==> flow/design.v <==
module mult #(
    parameter DW = 24
) (
    input  aclk,
    input  rst_i,
    input  [DW-1:0] arg0,
    input  [DW-1:0] arg1,
    output reg [DW-1:0] mul
);
    always @(posedge aclk or posedge rst_i) begin
        if (rst_i) begin
            mul <= 0;
        end else begin
            mul <= arg0 * arg1;
        end
    end
endmodule
; ---- Step by step through the tools: mult
; The steps from the RTL of mult to its reports follow in flow order.
; Line numbers count from 1 in the design file above.
; Library cell names are shortened.
; Not given: --
[design]
top_module = mult
clk_port = aclk
cell_library = sky130hd
lib_corner = tt_025C_1v80

; ---- After elaboration
; Yosys after proc, flatten, opt, wreduce and memory -nomap, before mapping. Enables and synchronous resets that opt folds into registers are not counted as muxes. Memory bits, and registers merged into a memory's read port (data or address), are not among the register bits. Print and check cells are not counted. Equal cells are merged and count once.
[op_classes]
compare = 0
div_mod_pow = 0
muxes = 0
n_mul = 1
n_reduce_logical = 0
add_sub_neg = 0
shift = 0
logic = 0
n_eq = 0
[op_table]
columns = cell, count
row1 = multiplier 24 x 24 -> 24 bit, 1
[bits]
latchBits = 0
register_bits = 24
out_inout_bits = 24
in_bits = 50
mem_count = 0
wordCells = 2
romBits = 0
ram_bits = 0
clocked_rd_ports_x_width = 0

; ---- Depth
; Depth = most cells in a row (Yosys ltp): at word level without a register or memory, in the mapped netlist without a sequential cell, where the memories' decode and read muxes count.
[depth]
depth_word = 1
abc_area = 0
depth_mapped = 23
ltp_nobuf = 22

; ---- After synthesis
; The flow's flattened synthesis, as Yosys stat reports it; memories are mapped. The netlist is that of the ABC_AREA named above (0 if unset); the other value can give another one.
[mapped]
seqArea_um2 = 600.6
synth_area_um2 = 9581.7
buf_cells = 42
flip_flops = 24
stdcells = 1065
[by_type]
columns = cell_type, count, type_area_um2
row1 = fa_1, 213, 4264.09
row2 = inv_1, 283, 1.06E+03
row3 = ha_1, 83, 1.04E+03
row4 = and2_1, 162, 1.01E+03
row5 = dfrtp_1, 24, 600.576
row6 = nand2_1, 140, 525.504
row7 = xnor2_1, 48, 420.403
row8 = clkbuf_1, 38, 142.637
row9 = xor2_1, 13, 113.859
row10 = a21oi_1, 16, 80.077
row11 = a21o_1, 7, 52.55
row12 = o21ai_0, 7, 35.034
row13 = o21bai_1, 4, 30.029
row14 = xnor3_1, 1, 22.522
row15 = a2111oi_0, 2, 17.517
row16 = a211oi_1, 2, 15.014
row17 = buf_2, 3, 15.014
row18 = o211ai_1, 2, 15.014
; Other cell types: 14; their cells: 17.

; ---- Timing after synthesis
; Path of least setup slack by OpenSTA after synthesis, without wires, with an ideal clock, recovery checks aside; 20% of the period is set as input and as output delay. Where synthesis merged equal registers, the netlist keeps one of their names.
[synth_timing]
path_type = input-to-reg
start = in arg1[4]
end = reg mul[23]
clock_period_ps = 8830
launch_ps = 1766
path_buffers = 2
t_arrival_ps = 7294
path_delay_ps = 5654
slack_ps = 1411
stages = 21
t_required_ps = 8704
setup_ps = 126
input_delay_ps = 1766
period_less_setup_slack_ps = 7419
; "path_delay_ps" is the arrival time less input delay plus setup time.
; "stages" counts driving pins, that of a launching flip-flop among them; a cell with two outputs on the path counts twice.
; "period_less_setup_slack_ps" = period - worst setup slack (recovery checks aside). The figure is calculated, with input and output delays left at 20% of the set period.
; Between the ends stands the longest chain of elaborated cells between them, by number of cells; it is not shown to be the way that was timed. Of several equally long chains one is given.
; Each line given opens the expression or statement behind the cell; cells for indexed reads and writes are added by Yosys, which also makes memories of some case tables.
[synth_via]
path_cell_list = clkbuf_1 > clkbuf_1 > nand2_1 > fa_1 > inv_1 > fa_1 > inv_1 > fa_1 > inv_1 > fa_1 > fa_1 > fa_1 > inv_1 > fa_1 > inv_1 > ha_1 > a2111oi_0 > and3_1 > a211oi_1 > a31oi_1 > xnor2_1
elab_chain_len = 1
cone_cells = 1
lines_between = 1
classes_between = 1 x mul
[synth_rtl]
columns = item, line
row1 = start: declaration, 7  ; input  [DW-1:0] arg1,
row2 = multiplier 24 x 24 -> 24 bit, 14  ; mul <= arg0 * arg1;
row3 = end: assignment, 12  ; mul <= 0;
row4 = end: assignment, 14
row5 = end: declaration, 8  ; output reg [DW-1:0] mul

; ---- Timing after layout
; From the final timing report of run 1: the path of least setup slack in the routed layout; clock arrival at registers is part of the times.
; The path's times are printed in steps of 10 ps; the period is the one set.
[layout_timing]
path_type = input-to-reg
start = in arg1[6]
end = reg mul[23]
stages = 22
t_required_ps = 4830
clock_period_ps = 4660
t_arrival_ps = 6680
input_delay_ps = 930
setup_ps = 110
path_buffers = 3
slack_ps = -1850
launch_ps = 930
; Between the ends stands the longest chain of elaborated cells between them, by number of cells; it is not shown to be the way that was timed. Of several equally long chains one is given.
[layout_via]
path_cell_list = buf_4 > buf_12 > and2_4 > fa_1 > fa_1 > inv_2 > fa_1 > fa_1 > fa_1 > inv_2 > fa_1 > inv_2 > fa_1 > inv_2 > ha_4 > nand2_2 > o21a_1 > buf_6 > and3_4 > a211oi_4 > a31oi_2 > xnor2_1
elab_chain_len = 1
cone_cells = 1
lines_between = 1
classes_between = 1 x mul
[layout_rtl]
columns = item, line
row1 = start: declaration, 7  ; input  [DW-1:0] arg1,
row2 = multiplier 24 x 24 -> 24 bit, 14  ; mul <= arg0 * arg1;
row3 = end: assignment, 12  ; mul <= 0;
row4 = end: assignment, 14
row5 = end: declaration, 8  ; output reg [DW-1:0] mul

; Below are 3 stored runs of the flow (Yosys, OpenROAD; platform sky130hd) on mult, each with its settings and what was measured, unordered. Constraints: input delay and output delay 20% of the set period each, output load 0.01 pF.
; "achieved_clock_period_ps" = clock period - worst setup slack. The figure is calculated, with input and output delays left at 20% of the set period.
; "worst_path_allowed_less_slack_ps": the worst setup path's part of the clock period (all of it between registers, 20% less for each end at a port) less its slack. A launch clock that arrives late makes it longer, a capture clock that arrives late makes it shorter.
; "worst_path_allowed_less_slack_ps" is known to 10 ps.

[run 1: settings]
period_ns = 4.66
CORE_UTILIZATION = 43
SETUP_SLACK_MARGIN = 0.96
CORE_MARGIN = 9
CELL_PAD_IN_SITES_GLOBAL_PLACEMENT = 3
CELL_PAD_IN_SITES_DETAIL_PLACEMENT = 1
TNS_END_PERCENT = 30
GPL_ROUTABILITY_DRIVEN = 0
CTS_CLUSTER_SIZE = 32
MIN_ROUTING_LAYER = met2
MAX_ROUTING_LAYER = met5
CAP_MARGIN = 20
SLEW_MARGIN = 20
[run 1: results]
fin_tns_ps = -20121
synth_area_um2 = 9581.7
setup_worst_slack_ps = -1851
fin_util_pct = 61.3
achieved_clock_period_ps = 6511
die_area_um2 = 27980.9
final_cell_area_um2 = 13427.9
worst_path_allowed_less_slack_ps = 5580
timing.worst_path_kind = input-to-reg

[run 2: settings]
period_ns = 8.83
CAP_MARGIN = 20
CORE_MARGIN = 2
CORE_UTILIZATION = 40
SLEW_MARGIN = 20
[run 2: results]
fin_tns_ps = 0
synth_area_um2 = 9581.7
setup_worst_slack_ps = 754
fin_util_pct = 46.3
achieved_clock_period_ps = 8076
die_area_um2 = 25207.9
final_cell_area_um2 = 10876.7
worst_path_allowed_less_slack_ps = 6310
timing.worst_path_kind = input-to-reg

[run 3: settings]
period_ns = 4.96
CORE_UTILIZATION = 37
PLACE_DENSITY = 0.43
CORE_ASPECT_RATIO = 0.76
CORE_MARGIN = 3
CELL_PAD_IN_SITES_GLOBAL_PLACEMENT = 0
TNS_END_PERCENT = 55
GPL_TIMING_DRIVEN = 1
MIN_ROUTING_LAYER = met1
CAP_MARGIN = 20
SLEW_MARGIN = 20
[run 3: results]
fin_tns_ps = -15841
synth_area_um2 = 9581.7
setup_worst_slack_ps = -1436
fin_util_pct = 52.1
achieved_clock_period_ps = 6396
die_area_um2 = 27881.4
final_cell_area_um2 = 13037.5
worst_path_allowed_less_slack_ps = 5400
timing.worst_path_kind = input-to-reg
